==> flow/design.v <==
module dp_relation_v2 #(
  parameter DW = 40
) (
  input  wire CLK,
  input  wire i_rst_n,
  input  wire [DW-1:0] dataa,
  input  wire [DW-1:0] datab,
  output wire is_gt
);
  reg [DW-1:0] dataa_ff;
  always @(posedge CLK or negedge i_rst_n) begin
    if (~i_rst_n) begin
      dataa_ff <= 0;
    end else begin
      dataa_ff <= dataa;
    end
  end
  reg [DW-1:0] datab_ff;
  always @(posedge CLK or negedge i_rst_n) begin
    if (~i_rst_n) begin
      datab_ff <= 0;
    end else begin
      datab_ff <= datab;
    end
  end
  wire [DW:0] cc;
  assign cc[0] = 1'b0;
  genvar g;
  generate
    for (g = 0; g < DW; g = g + 1) begin : blk
      assign cc[g+1] = (dataa_ff[g] ^ datab_ff[g]) ? dataa_ff[g] : cc[g];
    end
  endgenerate
  assign is_gt = cc[DW];
endmodule
**Tool chain data of dp_relation_v2**

Tool output for the design above, in the order of the flow.
Line numbers count from 1 in the design file above.
The mark -- stands for no value.

- Top module: dp_relation_v2
- Clock port: CLK
- Library: sky130hd
- Library corner: tt_025C_1v80

**Word-level counts**

Counts by Yosys on the flattened word-level netlist (proc, flatten, opt, wreduce; memories kept). Register bits leave out memories and registers merged into their read ports (data or address); mux counts leave out enables and synchronous resets folded into registers. Print and check cells are left out. Cells with the same type and inputs are merged into one.

- Mux-type cells: 40
- Bitwise gates (word level): 40

Operators by type and width:

| kind | count |
|---|---|
| bitwise XOR 1 bit | 40 |
| 2-to-1 mux 1 bit | 40 |

- Bits in registers: 80
- Output and inout bits: 1
- Elaborated cells: 82

**Logic depth**

Depth = most cells in a row (Yosys ltp): at word level without a register or memory, in the mapped netlist without a sequential cell, where the memories' decode and read muxes count.

- Depth in word-level cells: 41
- ABC_AREA: 0
- Mapped depth: 6
- Mapped depth without buffers: 6

**Mapped cells and area**

Source: synth_stat.txt of the flow (Yosys; design flattened, memories mapped). It holds for the ABC_AREA given above (unset counts as 0); a run with the other value may have another netlist.
Totals and module areas in this step are rounded.

Cell types:

| cell type | count | total area (um^2) |
|---|---|---|
| sky130_fd_sc_hd__dfrtp_1 | 80 | 2001.92 |
| sky130_fd_sc_hd__inv_1 | 24 | 90.086 |
| sky130_fd_sc_hd__nor2b_1 | 13 | 81.328 |
| sky130_fd_sc_hd__nand2b_1 | 12 | 75.072 |
| sky130_fd_sc_hd__a2111oi_2 | 3 | 45.043 |
| sky130_fd_sc_hd__a221oi_2 | 2 | 30.029 |
| sky130_fd_sc_hd__a2111oi_4 | 1 | 27.526 |
| sky130_fd_sc_hd__o2111ai_1 | 3 | 26.275 |
| sky130_fd_sc_hd__o31a_1 | 3 | 26.275 |
| sky130_fd_sc_hd__o22ai_1 | 4 | 25.024 |
| sky130_fd_sc_hd__nand4b_4 | 1 | 23.773 |
| sky130_fd_sc_hd__a22oi_1 | 3 | 22.522 |
| sky130_fd_sc_hd__o211ai_1 | 3 | 22.522 |
| sky130_fd_sc_hd__maj3_1 | 2 | 20.019 |
| sky130_fd_sc_hd__nand2_1 | 5 | 18.768 |
| sky130_fd_sc_hd__a22o_1 | 2 | 17.517 |
| sky130_fd_sc_hd__a2bb2oi_1 | 2 | 17.517 |
| sky130_fd_sc_hd__a21oi_1 | 3 | 15.014 |

Other cell types: 20; their cells: 28.

- Standard cells after synthesis: 194
- Mapped area: 2780 um^2
- Area of sequential cells: 2000 um^2
- Flip-flops: 80

**Timing after synthesis**

Path of least setup slack by OpenSTA after synthesis, without wires, with an ideal clock, recovery checks aside; 20% of the period is set as input and as output delay. Where synthesis merged equal registers, the netlist keeps one of their names.

- Path type: reg2out
- Start: reg datab_ff[21]
- End: out is_gt
- Clock period: 2.31 ns
- External output delay: 0.462 ns
- Time at the first pin: 0.000 ns
- Arrival time: 1.480 ns
- Data required time: 1.848 ns
- Setup slack: 0.368 ns
- Delay of the path: 1.480 ns
- Stages on the path: 7
- Path buffers: 0
- Synthesis period reached: 1.942 ns

"delay of the path" = arrival - input delay + setup time.
A path that ends at an output port has no setup time.
"stages on the path" counts driving pins, that of a launching flip-flop among them; a cell with two outputs on the path counts twice.
"synthesis period reached" is the clock period less the worst setup slack; recovery checks do not enter. This is arithmetic on one report: input and output delays are still those of the set period (20% each).
Between the ends stands the longest chain of elaborated cells between them, by number of cells; it is not shown to be the way that was timed. Of several equally long chains one is given.
Each line given opens the expression or statement behind the cell; cells for indexed reads and writes are added by Yosys, which also makes memories of some case tables.

- Cell sequence: sky130_fd_sc_hd__dfrtp_1 sky130_fd_sc_hd__nor2b_4 sky130_fd_sc_hd__o31a_1 sky130_fd_sc_hd__maj3_2 sky130_fd_sc_hd__a211oi_2 sky130_fd_sc_hd__o41a_1 sky130_fd_sc_hd__nand3b_1
- Cells in the longest elaborated chain: 20
- Elaborated cells between the ends (all ways): 20
- RTL lines with such cells: 1

Ends and longest elaborated chain, post-synthesis:

| element | RTL line | RTL |
|---|---|---|
| start, declared | 18 | `reg [DW-1:0] datab_ff;` |
| start, assigned | 21 | `datab_ff <= 0;` |
| start, assigned | 23 | `datab_ff <= datab;` |
| bitwise XOR 1 bit | 31 | `assign cc[g+1] = (dataa_ff[g] ^ datab_ff[g]) ? dataa_ff[g] : cc[g];` |
| 2-to-1 mux 1 bit x19 | 31 |  |
| end, declared | 8 | `output wire is_gt` |

**Timing after layout**

Path of least setup slack in the final report of stored run 1 (OpenROAD, finished layout, wires in). Where an end is a register, its clock arrival counts in the times.

- Path type: reg2out
- Start: reg dataa_ff[27]
- End: out is_gt
- Clock period: 2.31 ns
- External output delay: 0.46 ns
- Time at the first pin: 0.34 ns
- Arrival time: 2.02 ns
- Data required time: 1.85 ns
- Setup slack: -0.17 ns
- Stages on the path: 8
- Path buffers: 1

Between the ends stands the longest chain of elaborated cells between them, by number of cells; it is not shown to be the way that was timed. Of several equally long chains one is given.

- Cell sequence: sky130_fd_sc_hd__dfrtp_1 sky130_fd_sc_hd__nor2b_1 sky130_fd_sc_hd__nand4b_4 sky130_fd_sc_hd__o211ai_1 sky130_fd_sc_hd__a211oi_2 sky130_fd_sc_hd__o41a_1 sky130_fd_sc_hd__nand3b_1 sky130_fd_sc_hd__buf_6
- Cells in the longest elaborated chain: 14
- Elaborated cells between the ends (all ways): 14
- RTL lines with such cells: 1

Ends and longest elaborated chain, post-layout:

| element | RTL line | RTL |
|---|---|---|
| start, declared | 10 | `reg [DW-1:0] dataa_ff;` |
| start, assigned | 13 | `dataa_ff <= 0;` |
| start, assigned | 15 | `dataa_ff <= dataa;` |
| bitwise XOR 1 bit | 31 | `assign cc[g+1] = (dataa_ff[g] ^ datab_ff[g]) ? dataa_ff[g] : cc[g];` |
| 2-to-1 mux 1 bit x13 | 31 |  |
| end, declared | 8 | `output wire is_gt` |

Wiki page: dp_relation_v2 / flow data

Below are 3 stored runs of the flow (Yosys, OpenROAD; platform sky130hd) on dp_relation_v2, each with its settings and what was measured, unordered. Constraints: input delay and output delay 20% of the set period each, output load 0.01 pF.
By "achieved period" is meant the clock period of the run minus its worst setup slack. This is arithmetic on one report: input and output delays are still those of the set period (20% each).
"allowed time less slack (worst setup path)" is the time allowed to the run's worst setup path (the clock period less input and output delay, where it has them) less its slack. Clock arrival times count: a late capture clock shortens it, a late launch clock lengthens it.
"power consumption" rests on the timing tool's default activity at the inputs, not on a simulated workload.
Values from the reports are rounded here.

### Stored run 1

==> flow/run.sh <==
#!/bin/bash
# the make line also repeats the synthesis and layout settings of config.mk as NAME=value (left out here)
make -C /OpenROAD-flow-scripts/flow DESIGN_CONFIG=/design/flow/config.mk WORK_HOME=/design/flow/orfs CLKGATE_MAP_FILE= finish
==> flow/config.mk <==
export PLATFORM = sky130hd
export DESIGN_NAME = dp_relation_v2
export DESIGN_NICKNAME = dp_relation_v2
export VERILOG_FILES = /design/flow/design.v
export SDC_FILE = /design/flow/constraint.sdc
export NUM_CORES = 4
export LEC_CHECK = 0
export CAP_MARGIN = 20
export CORE_MARGIN = 2
export CORE_UTILIZATION = 40
export SLEW_MARGIN = 20
==> flow/constraint.sdc <==
create_clock -name core_clock -period 2.31 [get_ports {CLK}]
set_input_delay 0.4620 -clock core_clock [delete_from_list [all_inputs] [get_ports {CLK}]]
set_output_delay 0.4620 -clock core_clock [all_outputs]
set_load 0.01 [all_outputs]

Results of stored run 1:
- Post-route setup TNS: -0.170 ns
- Standard-cell area after routing: 4050 um^2
- Worst setup slack after layout: -0.170 ns
- Allowed time less slack (worst setup path): 2.02 ns
- Critical path type: reg2out
- Achieved period: 2.480 ns
- Final design utilization: 0.6
- Chip area after synthesis (Yosys): 2780 um^2
- Power consumption: 2.77 mW
- Die outline area: 7630 um^2

### Stored run 2

==> flow/run.sh <==
#!/bin/bash
# the make line also repeats the synthesis and layout settings of config.mk as NAME=value (left out here)
make -C /OpenROAD-flow-scripts/flow DESIGN_CONFIG=/design/flow/config.mk WORK_HOME=/design/flow/orfs CLKGATE_MAP_FILE= finish
==> flow/config.mk <==
export PLATFORM = sky130hd
export DESIGN_NAME = dp_relation_v2
export DESIGN_NICKNAME = dp_relation_v2
export VERILOG_FILES = /design/flow/design.v
export SDC_FILE = /design/flow/constraint.sdc
export NUM_CORES = 4
export LEC_CHECK = 0
export CAP_MARGIN = 20
export CELL_PAD_IN_SITES_DETAIL_PLACEMENT = 0
export CORE_ASPECT_RATIO = 0.57
export CORE_MARGIN = 9
export CORE_UTILIZATION = 69
export MIN_ROUTING_LAYER = met1
export PLACE_DENSITY_LB_ADDON = 0.25
export SETUP_SLACK_MARGIN = -0.26
export SLEW_MARGIN = 20
==> flow/constraint.sdc <==
create_clock -name core_clock -period 2.75 [get_ports {CLK}]
set_input_delay 0.5500 -clock core_clock [delete_from_list [all_inputs] [get_ports {CLK}]]
set_output_delay 0.5500 -clock core_clock [all_outputs]
set_load 0.01 [all_outputs]

Outcome of stored run 2: stopped before the end: placement reported FLW-0024

### Stored run 3

==> flow/run.sh <==
#!/bin/bash
# the make line also repeats the synthesis and layout settings of config.mk as NAME=value (left out here)
make -C /OpenROAD-flow-scripts/flow DESIGN_CONFIG=/design/flow/config.mk WORK_HOME=/design/flow/orfs CLKGATE_MAP_FILE= finish
==> flow/config.mk <==
export PLATFORM = sky130hd
export DESIGN_NAME = dp_relation_v2
export DESIGN_NICKNAME = dp_relation_v2
export VERILOG_FILES = /design/flow/design.v
export SDC_FILE = /design/flow/constraint.sdc
export NUM_CORES = 4
export LEC_CHECK = 0
export ABC_AREA = 1
export CAP_MARGIN = 15
export CELL_PAD_IN_SITES_DETAIL_PLACEMENT = 1
export CORE_MARGIN = 2
export CORE_UTILIZATION = 24
export CTS_CLUSTER_DIAMETER = 400
export CTS_CLUSTER_SIZE = 74
export MAX_ROUTING_LAYER = met4
export MIN_ROUTING_LAYER = met1
export PLACE_DENSITY_LB_ADDON = 0.17
export SETUP_SLACK_MARGIN = 0.32
export SLEW_MARGIN = 15
export TNS_END_PERCENT = 30
==> flow/constraint.sdc <==
create_clock -name core_clock -period 2.15 [get_ports {CLK}]
set_input_delay 0.4300 -clock core_clock [delete_from_list [all_inputs] [get_ports {CLK}]]
set_output_delay 0.4300 -clock core_clock [all_outputs]
set_load 0.01 [all_outputs]

Results of stored run 3:
- Die outline area: 12300 um^2
- Worst setup slack after layout: -1.29 ns
- Power consumption: 3.35 mW
- Chip area after synthesis (Yosys): 2750 um^2
- Allowed time less slack (worst setup path): 3.01 ns
- Critical path type: reg2out
- Achieved period: 3.440 ns
- Post-route setup TNS: -1.29 ns
- Standard-cell area after routing: 4050 um^2
- Final design utilization: 0.358
